==> flow/design.v <==
module sync_mul_unit_n #(
    parameter integer DATA_W = 9
) (
    input wire core_clk,
    input wire adv,
    input wire [DATA_W-1:0] lhs,
    input wire [DATA_W-1:0] rhs,
    output wire [2*DATA_W-1:0] q
);
    reg [DATA_W-1:0] lhs_d1;
    always @(posedge core_clk) begin
        if (adv) begin
            lhs_d1 <= lhs;
        end
    end
    reg [DATA_W-1:0] rhs_d1;
    always @(posedge core_clk) begin
        if (adv) begin
            rhs_d1 <= rhs;
        end
    end
    assign q = lhs_d1 * rhs_d1;
endmodule
[Reports on sync_mul_unit_n]
Tool output for the design above, in the order of the flow.
Line numbers count from 1 in the design file above.
Library cell names are shortened.
Not given: n/a
Inputs
  top: sync_mul_unit_n
  clock port: core_clk
  standard-cell library: sky130hd
  corner: tt_025C_1v80

[After elaboration]
Source: Yosys, flattened and elaborated, memories not mapped. Widths are those after wreduce; folded enables and synchronous resets count as part of the registers. Registers that Yosys merges into a memory's read port (data or address) are not register bits. Print and check cells do not count. Equal cells are merged and count once.
Word-level totals
  output and inout port bits: 18
  flip-flop bits (word level): 18
  elaborated cells: 3
Cells by class
  multipliers: 1
Operators with widths (count)
  multiplier 9 x 9 -> 18 bit: 1

[Logic depth]
Depth = most cells in a row (Yosys ltp): at word level without a register or memory, in the mapped netlist without a sequential cell, where the memories' decode and read muxes count.
Logic depth
  word-level depth: 1
  ABC_AREA: 0
  mapped depth: 17

[After synthesis]
The flow's flattened synthesis, as Yosys stat reports it; memories are mapped. The netlist is that of the ABC_AREA named above (0 if unset); the other value can give another one.
Mapped netlist
  flip-flop cells: 18
  chip area (Yosys): 3214.3 sq um
  cell count: 334
Cells by type
  fa_1: count 50, area in all 1000.96 sq um
  edfxtp_1: count 18, area in all 540.518 sq um
  ha_1: count 38, area in all 475.456 sq um
  and2_1: count 51, area in all 319.056 sq um
  inv_1: count 73, area in all 274.013 sq um
  nand2_1: count 34, area in all 127.622 sq um
  xnor2_1: count 7, area in all 61.309 sq um
  a21oi_1: count 10, area in all 50.048 sq um
  nor2_1: count 10, area in all 37.536 sq um
  a211o_1: count 4, area in all 35.034 sq um
  o21a_1: count 4, area in all 30.029 sq um
  o41ai_4: count 1, area in all 27.526 sq um
  o21ai_0: count 4, area in all 20.019 sq um
  nand4b_1: count 2, area in all 17.517 sq um
  o311ai_0: count 2, area in all 17.517 sq um
  xor2_1: count 2, area in all 17.517 sq um
  a211oi_1: count 2, area in all 15.014 sq um
  o21bai_1: count 2, area in all 15.014 sq um
Not listed: further types 15, cells in them 20.

[Path before layout]
Path of least setup slack by OpenSTA after synthesis, without wires, with an ideal clock, recovery checks aside; 20% of the period is set as input and as output delay. Where synthesis merged equal registers, the netlist keeps one of their names.
Timing after synthesis
  path type: register -> output
  from: register lhs_d1[2]
  to: output port q[17]
  driving pins on the path: 13
  clock period: 6.43 ns
  required time: 5.144 ns
  buffers on the path: 0
  slack: 1.030 ns
  external output delay: 1.286 ns
  data arrival time: 4.114 ns
  delay of the path: 4.114 ns
  period reached after synthesis: 5.4 ns
"delay of the path" is the arrival time less input delay plus setup time.
A path that ends at an output port has no setup time.
"driving pins on the path": output pins that drive a net of the path, with the launching flip-flop's if there is one; two outputs of one cell count as two.
"period reached after synthesis" is the clock period less the worst setup slack; recovery checks do not enter. This is arithmetic on one report: input and output delays are still those of the set period (20% each).
The rows between start and end are the longest chain of elaborated cells between them; the timing report does not say that the signal goes this way. Where chains are equally long, one stands for them.
Each line given opens the expression or statement behind the cell; cells for indexed reads and writes are added by Yosys, which also makes memories of some case tables.
On the way, after synthesis
  cells stage by stage: edfxtp_1 and2_1 fa_1 fa_1 fa_1 inv_1 fa_1 inv_1 ha_1 a211o_1 o21a_1 a22o_1 a211o_1
  length of the longest elaborated chain: 1
  elaborated cells on any way between the ends: 1
  those cells by class: mul (1)
RTL lines, path after synthesis
  from (decl): RTL line 10  | reg [DATA_W-1:0] lhs_d1;
  from (assign): RTL line 13  | lhs_d1 <= lhs;
  multiplier 9 x 9 -> 18 bit: RTL line 22  | assign q = lhs_d1 * rhs_d1;
  to (decl): RTL line 8  | output wire [2*DATA_W-1:0] q

[Worst path after layout]
Path of least setup slack in the final report of flow run 1 (OpenROAD, finished layout, wires in). Where an end is a register, its clock arrival counts in the times.
Timing post-layout
  path type: register -> output
  from: register rhs_d1[6]
  to: output port q[12]
  slack: 0.20 ns
  external output delay: 1.29 ns
  data arrival time: 4.95 ns
  buffers on the path: 2
  clock period: 6.43 ns
  driving pins on the path: 17
  required time: 5.14 ns
The rows between start and end are the longest chain of elaborated cells between them; the timing report does not say that the signal goes this way. Where chains are equally long, one stands for them.
On the way, post-layout
  cells stage by stage: edfxtp_1 buf_4 nand2_1 fa_1 fa_1 inv_1 fa_1 inv_1 fa_1 inv_1 ha_1 o21a_1 o31a_1 o41ai_4 o21bai_1 xor2_1 clkdlybuf4s50_1
  length of the longest elaborated chain: 1
  elaborated cells on any way between the ends: 1
  those cells by class: mul (1)
RTL lines, path post-layout
  from (decl): RTL line 16  | reg [DATA_W-1:0] rhs_d1;
  from (assign): RTL line 19  | rhs_d1 <= rhs;
  multiplier 9 x 9 -> 18 bit: RTL line 22  | assign q = lhs_d1 * rhs_d1;
  to (decl): RTL line 8  | output wire [2*DATA_W-1:0] q

Add stored flow runs of sync_mul_unit_n

Top module sync_mul_unit_n; platform sky130hd; tools Yosys and OpenROAD; 3 stored runs in no particular order. Input and output delays are each 20% of the period that was set; the output load is 0.01 pF.
"achieved clock period (ns)" is the run's clock period less its worst setup slack. It is reckoned from that one timing run; input and output delays stay at 20% of the period that was set.
"worst setup path time (ns)" = time allowed to the worst setup path (clock period - input delay - output delay, where it has them) - its slack; a late launch clock adds to it, a late capture clock takes from it.
"finish__power__total": no workload was simulated; the value follows from the tool's default switching activity.

settings of flow run 1
{
  "period_ns": 6.43,
  "CAP_MARGIN": 20,
  "CORE_MARGIN": 2,
  "CORE_UTILIZATION": 40,
  "SLEW_MARGIN": 20
}
report of flow run 1
yosys chip area after synthesis (um^2): 3214.3
finish__design__die__area: 8768.5
finish__design__instance__area__stdcell: 3896.2
finish__design__instance__utilization: 0.5016
finish__timing__setup__ws: 0.195
finish__timing__setup__tns: 0.000
finish__timing__hold__ws: 1.592
finish__power__total: 1.873e-03
achieved clock period (ns): 6.235
worst setup path time (ns): 4.95
worst setup path kind: register -> output

settings of flow run 2
{
  "period_ns": 6.46,
  "CORE_UTILIZATION": 27,
  "SETUP_SLACK_MARGIN": 1.6,
  "PLACE_DENSITY_LB_ADDON": 0.16,
  "HOLD_SLACK_MARGIN": 0.16,
  "CORE_ASPECT_RATIO": 0.69,
  "CORE_MARGIN": 3,
  "TNS_END_PERCENT": 45,
  "CTS_CLUSTER_SIZE": 64,
  "CAP_MARGIN": 40,
  "SLEW_MARGIN": 35
}
report of flow run 2
yosys chip area after synthesis (um^2): 3214.3
finish__design__die__area: 13272.8
finish__design__instance__area__stdcell: 4325.4
finish__design__instance__utilization: 0.3791
finish__timing__setup__ws: 0.707
finish__timing__setup__tns: 0.000
finish__timing__hold__ws: 1.600
finish__power__total: 2.090e-03
achieved clock period (ns): 5.753
worst setup path time (ns): 4.46
worst setup path kind: register -> output

settings of flow run 3
{
  "period_ns": 6.65,
  "CORE_UTILIZATION": 35,
  "SETUP_SLACK_MARGIN": 1.58,
  "CELL_PAD_IN_SITES_GLOBAL_PLACEMENT": 1,
  "ABC_AREA": 1,
  "GPL_TIMING_DRIVEN": 0,
  "SLEW_MARGIN": 30,
  "MIN_ROUTING_LAYER": "met1",
  "CAP_MARGIN": 20,
  "CORE_MARGIN": 2
}
report of flow run 3
yosys chip area after synthesis (um^2): 3435.8
finish__design__die__area: 10625.5
finish__design__instance__area__stdcell: 4570.6
finish__design__instance__utilization: 0.4742
finish__timing__setup__ws: 1.341
finish__timing__setup__tns: 0.000
finish__timing__hold__ws: 1.635
finish__power__total: 2.209e-03
achieved clock period (ns): 5.309
worst setup path time (ns): 3.98
worst setup path kind: register -> output
